==> flow/design.v <==
module sync_barrel #(
  parameter integer WIDTH = 56,
  parameter integer SBITS = $clog2(WIDTH)
) (
  input wire i_clk,
  input wire [WIDTH-1:0] d_i,
  input wire [SBITS-1:0] shamt_i,
  output reg [WIDTH-1:0] res_o
);
  wire [WIDTH-1:0] node [0:SBITS];
  assign node[0] = d_i;
  genvar ii;
  generate
    for (ii = 0; ii < SBITS; ii = ii + 1) begin : row
      assign node[ii+1] = shamt_i[ii] ? (node[ii] << (1 << ii)) | (node[ii] >> (WIDTH - (1 << ii))) : node[ii];
    end
  endgenerate
  always @(posedge i_clk) begin
    res_o <= node[SBITS];
  end
endmodule
; ---- Reports on sync_barrel
; The steps from the RTL of sync_barrel to its reports follow in flow order.
; Lines are those of the file above, counted from 1.
; Library cell names are shortened.
; Not given: --
[inputs]
top = sync_barrel
clock_port = i_clk
lib = sky130hd
pvt_corner = tt_025C_1v80

; ---- Word-level counts
; Counts by Yosys on the flattened word-level netlist (proc, flatten, opt, wreduce; memories kept). Register bits leave out memories and registers merged into their read ports (data or address); mux counts leave out enables and synchronous resets folded into registers. Print and check cells are left out. Cells with the same type and inputs are merged into one.
[bits]
regBits = 56
output_inout_bits = 56
elab_cells = 13
[op_classes]
muxes = 6
bitwise = 6
[ops]
columns = cell, count
row1 = 56-bit 2-to-1 mux, 6
row2 = 56-bit by 1-bit OR with 56-bit output, 1
row3 = 56-bit by 16-bit OR with 56-bit output, 1
row4 = 56-bit by 2-bit OR with 56-bit output, 1
row5 = 56-bit by 32-bit OR with 56-bit output, 1
row6 = 56-bit by 4-bit OR with 56-bit output, 1
row7 = 56-bit by 8-bit OR with 56-bit output, 1

; ---- Depth
; Yosys ltp: most cells in a row. Word level: on the elaborated netlist, between registers, memories and ports. Mapped: between sequential cells and ports; inverters and the memories' decode and read muxes count.
[depth]
word_depth = 12
abc_area = 0
mapped_depth = 5
mapped_depth_nobuf = 3

; ---- Netlist
; Yosys stat after the flow's synthesis: flattened, memories mapped to cells. It holds for the ABC_AREA given above (unset counts as 0); a run with the other value may have another netlist.
; Totals and module areas in this step are rounded.
[synth_totals]
stdcells = 260
mapped_area_um2 = 5150
seq_area_um2 = 1120
ff_cells = 56
n_buf = 36
[types]
columns = cell, count
row1 = mux4_2, 160
row2 = dfxtp_1, 56
row3 = mux4_1, 8
row4 = buf_12, 4
row5 = clkbuf_1, 16
row6 = buf_2, 8
row7 = buf_1, 7
row8 = buf_6, 1

; ---- Path before layout
; Source: OpenSTA report_checks on the synthesized netlist (no wires, ideal clock, input and output delay 20% of the period each), path of least setup slack; recovery checks are left aside. Register names are those of the netlist, which keeps one name where synthesis merged equal registers.
[synth_path]
path_type = input to register
from = input shamt_i[3]
to = register res_o[37]
tclk_ns = 3.08
input_delay_ns = 0.616
setup_ns = 0.134
launch_ns = 0.616
arrival_ns = 2.456
required_ns = 2.946
path_slack_ns = 0.490
delay_ns = 1.974
path_stages = 5
n_path_buf = 2
period_less_setup_slack_ns = 2.59
; "delay_ns" = arrival - input delay + setup time.
; "path_stages": output pins that drive a net of the path, with the launching flip-flop's if there is one; two outputs of one cell count as two.
; "period_less_setup_slack_ns" = period - worst setup slack (recovery checks aside). The figure is calculated, with input and output delays left at 20% of the set period.
; Between the ends stands the longest chain of elaborated cells between them, by number of cells; it is not shown to be the way that was timed. Of several equally long chains one is given.
; Each line given opens the expression or statement behind the cell; cells for indexed reads and writes are added by Yosys, which also makes memories of some case tables.
[synth_via]
cell_sequence = buf_2 > buf_1 > mux4_2 > mux4_2 > mux4_2
elab_chain_cells = 5
[synth_lines]
columns = item, line
row1 = start: declaration, 7  ; input wire [SBITS-1:0] shamt_i,
row2 = 56-bit 2-to-1 mux, 15  ; assign node[ii+1] = shamt_i[ii] ? (node[ii] << (1 << ii)) | (node[ii] >> (WIDTH - (1 << ii))) : node[ii];
row3 = 56-bit by 16-bit OR with 56-bit output, 15
row4 = 56-bit 2-to-1 mux, 15
row5 = 56-bit by 32-bit OR with 56-bit output, 15
row6 = 56-bit 2-to-1 mux, 15
row7 = end: assignment, 19  ; res_o <= node[SBITS];
row8 = end: declaration, 8  ; output reg [WIDTH-1:0] res_o

; ---- Worst path after layout
; Path of least setup slack in the final report of record 1 (OpenROAD, finished layout, wires in). Where an end is a register, its clock arrival counts in the times.
[layout_path]
path_type = input to register
from = input shamt_i[0]
to = register res_o[24]
tclk_ns = 1.87
input_delay_ns = 0.37
setup_ns = 0.12
launch_ns = 0.37
arrival_ns = 2.35
required_ns = 2.05
path_slack_ns = -0.30
path_stages = 5
n_path_buf = 2
; Between the ends stands the longest chain of elaborated cells between them, by number of cells; it is not shown to be the way that was timed. Of several equally long chains one is given.
[layout_via]
cell_sequence = buf_16 > buf_6 > mux4_2 > mux4_2 > mux4_2
elab_chain_cells = 11
[layout_lines]
columns = item, line
row1 = start: declaration, 7  ; input wire [SBITS-1:0] shamt_i,
row2 = 56-bit 2-to-1 mux, 15  ; assign node[ii+1] = shamt_i[ii] ? (node[ii] << (1 << ii)) | (node[ii] >> (WIDTH - (1 << ii))) : node[ii];
row3 = 56-bit by 2-bit OR with 56-bit output, 15
row4 = 56-bit 2-to-1 mux, 15
row5 = 56-bit by 4-bit OR with 56-bit output, 15
row6 = 56-bit 2-to-1 mux, 15
row7 = 56-bit by 8-bit OR with 56-bit output, 15
row8 = 56-bit 2-to-1 mux, 15
row9 = 56-bit by 16-bit OR with 56-bit output, 15
row10 = 56-bit 2-to-1 mux, 15
row11 = 56-bit by 32-bit OR with 56-bit output, 15
row12 = 56-bit 2-to-1 mux, 15
row13 = end: assignment, 19  ; res_o <= node[SBITS];
row14 = end: declaration, 8  ; output reg [WIDTH-1:0] res_o

; Measured results for sync_barrel: 3 stored runs of the Yosys and OpenROAD flow on sky130hd. The settings differ; the order carries no meaning. The constraints put input and output delay at 20% of the set period each and load the outputs with 0.01 pF.
; "achieved_period_ns" is the run's clock period less its worst setup slack. It is reckoned from that one timing run; input and output delays stay at 20% of the period that was set.
; "worst_setup_path_time_ns": the worst setup path's part of the clock period (all of it between registers, 20% less for each end at a port) less its slack. A launch clock that arrives late makes it longer, a capture clock that arrives late makes it shorter.
; "total_power_w": no workload was simulated; the value follows from the tool's default switching activity.
; The measured numbers are rounded.

[record 1: settings]
period_ns = 1.87
CORE_UTILIZATION = 67
SETUP_SLACK_MARGIN = 0.4
PLACE_DENSITY_LB_ADDON = 0.03
HOLD_SLACK_MARGIN = 0.06
CORE_MARGIN = 9
CELL_PAD_IN_SITES_DETAIL_PLACEMENT = 0
ABC_AREA = 0
CTS_CLUSTER_SIZE = 67
SLEW_MARGIN = 20
CAP_MARGIN = 20
[record 1: results]
holdWs_ns = 0.648
worst_setup_path_time_ns = 1.80
worst_setup_path_type = input to register
design.die.area_um2 = 11200
setup_worst_slack_ns = -0.301
finish.utilization_pct = 90.0
synth_area_um2 = 5150
achieved_period_ns = 2.171
fin_tns_ns = -13.5
total_power_w = 0.00456
finish.stdcell_area_um2 = 6630

[record 2: settings]
period_ns = 4.48
CORE_UTILIZATION = 42
SETUP_SLACK_MARGIN = -0.17
PLACE_DENSITY_LB_ADDON = 0.03
HOLD_SLACK_MARGIN = 0.07
ABC_AREA = 1
GPL_ROUTABILITY_DRIVEN = 1
CTS_CLUSTER_DIAMETER = 376
MAX_ROUTING_LAYER = met5
CAP_MARGIN = 20
CORE_MARGIN = 2
SLEW_MARGIN = 20
[record 2: results]
holdWs_ns = 1.11
worst_setup_path_time_ns = 1.60
worst_setup_path_type = input to register
design.die.area_um2 = 12800
setup_worst_slack_ns = 1.99
finish.utilization_pct = 54.4
synth_area_um2 = 5000
achieved_period_ns = 2.493
fin_tns_ns = 0.000
total_power_w = 0.00185
finish.stdcell_area_um2 = 6260

[record 3: settings]
period_ns = 3.08
CAP_MARGIN = 20
CORE_MARGIN = 2
CORE_UTILIZATION = 40
SLEW_MARGIN = 20
[record 3: results]
holdWs_ns = 0.855
worst_setup_path_time_ns = 2.07
worst_setup_path_type = input to register
design.die.area_um2 = 13800
setup_worst_slack_ns = 0.394
finish.utilization_pct = 52.4
synth_area_um2 = 5150
achieved_period_ns = 2.686
fin_tns_ns = 0.000
total_power_w = 0.00292
finish.stdcell_area_um2 = 6620
